==> flow/design.v <==
module cpu_chooser_p #(
  parameter DWIDTH = 20,
  parameter N = 12,
  parameter LG = $clog2(N)
) (
  input wire core_clk,
  input wire rst,
  input wire [N*DWIDTH-1:0] val_in,
  input wire [LG-1:0] select_in,
  output reg [DWIDTH-1:0] res_out
);
  wire [N*DWIDTH-1:0] cur;
  assign cur = val_in >> (select_in * DWIDTH);
  always @(posedge core_clk) begin
    if (rst) begin
      res_out <= 0;
    end else begin
      res_out <= cur[DWIDTH-1:0];
    end
  end
endmodule
# Step by step through the tools: cpu_chooser_p
# The steps from the RTL of cpu_chooser_p to its reports follow in flow order.
# Lines are those of the file above, counted from 1.
# Cell names lack the library's common part.
# Not given: -
# setup
top	cpu_chooser_p
clock_port	core_clk
cell_library	sky130hd
corner	tt_025C_1v80

# Word-level counts
# Counts by Yosys on the flattened word-level netlist (proc, flatten, opt, wreduce; memories kept). Register bits leave out memories and registers merged into their read ports (data or address); mux counts leave out enables and synchronous resets folded into registers. Print and check cells are left out. Cells with the same type and inputs are merged into one.
# word_totals
reg_bits	20
out_inout_bits	20
# op_classes
mul	1
n_shift	1
# ops
operator	n
>> shifter 240 x 9 -> 20 bit	1
multiplier 4 x 3 -> 7 bit (second input constant)	1

# Depth
# Longest topological path by Yosys (ltp), each cell counted once; first at word level (registers and memories cut), then after technology mapping (sequential cells cut; the memories' decode and read muxes count).
# depth
word_depth	2
abc_area	0
depth_mapped	6

# Mapped cells and area
# The flow's flattened synthesis, as Yosys stat reports it; memories are mapped. The netlist is that of the ABC_AREA named above (0 if unset); the other value can give another one.
# mapped
stdcells	207
area_um2	2452.4
seqArea_um2	400.4
ff_cells	20
# types
cell	n	type_area_um2
mux4_2	33	743.213
mux2_2	40	450.432
dfxtp_1	20	400.384
mux4_1	7	183.926
o31ai_1	20	150.144
nor2b_1	20	125.12
o22ai_1	20	125.12
nand2_1	20	75.072
buf_12	3	60.058
buf_2	6	30.029
buf_4	4	30.029
clkbuf_1	8	30.029
buf_6	2	22.522
or2_2	2	12.512
nor3b_1	1	7.507
nand2b_1	1	6.256

# Worst setup path after synthesis
# Source: OpenSTA report_checks on the synthesized netlist (no wires, ideal clock, input and output delay 20% of the period each), path of least setup slack; recovery checks are left aside. Register names are those of the netlist, which keeps one name where synthesis merged equal registers.
# synth_path
path_kind	input port to flip-flop
startpoint	input select_in[0]
endpoint	register res_out[10]
period_ns	1.77
setup_ns	0.130
launch_ns	0.354
arrival_ns	1.357
required_ns	1.640
slack_ns	0.283
delay_ns	1.133
stages	6
synth_period_reached_ns	1.487
# "delay_ns" = arrival - input delay + setup time.
# "stages": output pins that drive a net of the path, with the launching flip-flop's if there is one; two outputs of one cell count as two.
# "synth_period_reached_ns" is the clock period less the worst setup slack; recovery checks do not enter. This is arithmetic on one report: input and output delays are still those of the set period (20% each).
# Between the ends stands the longest chain of elaborated cells between them, by number of cells; it is not shown to be the way that was timed. Of several equally long chains one is given.
# A line is the first line of the expression or statement that the cell stems from. Yosys adds cells for indexed reads and writes and turns some case tables into memories.
# synth_via
path_cell_list	buf_6 buf_12 buf_12 mux4_2 nand2_1 o31ai_1
elab_chain_cells	2
# synth_lines
element	line_no	text
from (decl)	9	input wire [LG-1:0] select_in,
multiplier 4 x 3 -> 7 bit	13	assign cur = val_in >> (select_in * DWIDTH);
>> shifter 240 x 9 -> 20 bit	13
to (assign)	16	res_out <= 0;
to (assign)	18	res_out <= cur[DWIDTH-1:0];
to (decl)	10	output reg [DWIDTH-1:0] res_out

# Path in the finished layout
# From the final timing report of stored run 2: the path of least setup slack in the routed layout; clock arrival at registers is part of the times.
# layout_path
path_kind	input port to flip-flop
startpoint	input select_in[2]
endpoint	register res_out[14]
period_ns	1.77
setup_ns	0.11
launch_ns	0.35
arrival_ns	1.68
required_ns	1.92
slack_ns	0.24
stages	4
# Between the ends stands the longest chain of elaborated cells between them, by number of cells; it is not shown to be the way that was timed. Of several equally long chains one is given.
# layout_via
path_cell_list	clkdlybuf4s50_1 or2_2 o22ai_1 o31ai_1
elab_chain_cells	2
# layout_lines
element	line_no	text
from (decl)	9	input wire [LG-1:0] select_in,
multiplier 4 x 3 -> 7 bit	13	assign cur = val_in >> (select_in * DWIDTH);
>> shifter 240 x 9 -> 20 bit	13
to (assign)	16	res_out <= 0;
to (assign)	18	res_out <= cur[DWIDTH-1:0];
to (decl)	10	output reg [DWIDTH-1:0] res_out

# Measured results for cpu_chooser_p: 3 stored runs of the Yosys and OpenROAD flow on sky130hd. The settings differ; the order carries no meaning. The constraints put input and output delay at 20% of the set period each and load the outputs with 0.01 pF.
# "timing.achieved_period_ns": clock period set for the run, less the worst setup slack. It is reckoned from that one timing run; input and output delays stay at 20% of the period that was set.
# "worst_path_ns": the worst setup path's part of the clock period (all of it between registers, 20% less for each end at a port) less its slack. A launch clock that arrives late makes it longer, a capture clock that arrives late makes it shorter.
# "final_power_mw" is the tool's figure for a default switching activity; nothing was simulated.
# Settings: - = not set for that run.
# Results: - = not shown.
stored run	period_ns	CORE_UTILIZATION	SETUP_SLACK_MARGIN	HOLD_SLACK_MARGIN	CORE_ASPECT_RATIO	CAP_MARGIN	SLEW_MARGIN	MAX_ROUTING_LAYER	CORE_MARGIN	PLACE_DENSITY_LB_ADDON	CELL_PAD_IN_SITES_DETAIL_PLACEMENT	GPL_ROUTABILITY_DRIVEN	CTS_CLUSTER_SIZE	yosys.chip_area_um2	design_die_area_um2	util_frac	fin_ws_ns	holdWs_ns	final_power_mw	timing.achieved_period_ns	worst_path_ns	path_kind
stored run 1	1.93	67	-0.19	-0.04	1.32	40	10	met5	2	-	-	-	-	-	-	-	-	-	-	-	-	-
stored run 2	1.77	40	-	-	-	20	20	-	2	-	-	-	-	2452.4	6773.3	0.89	0.235	0.715	2.106	1.535	1.18	input port to flip-flop
stored run 3	2.28	66	-0.03	-	-	20	20	-	2	0.26	2	1	22	-	-	-	-	-	-	-	-	-
# Stored run 1: unfinished; error PPL-0024 in placement
# Stored run 3: unfinished; error PPL-0024 in placement
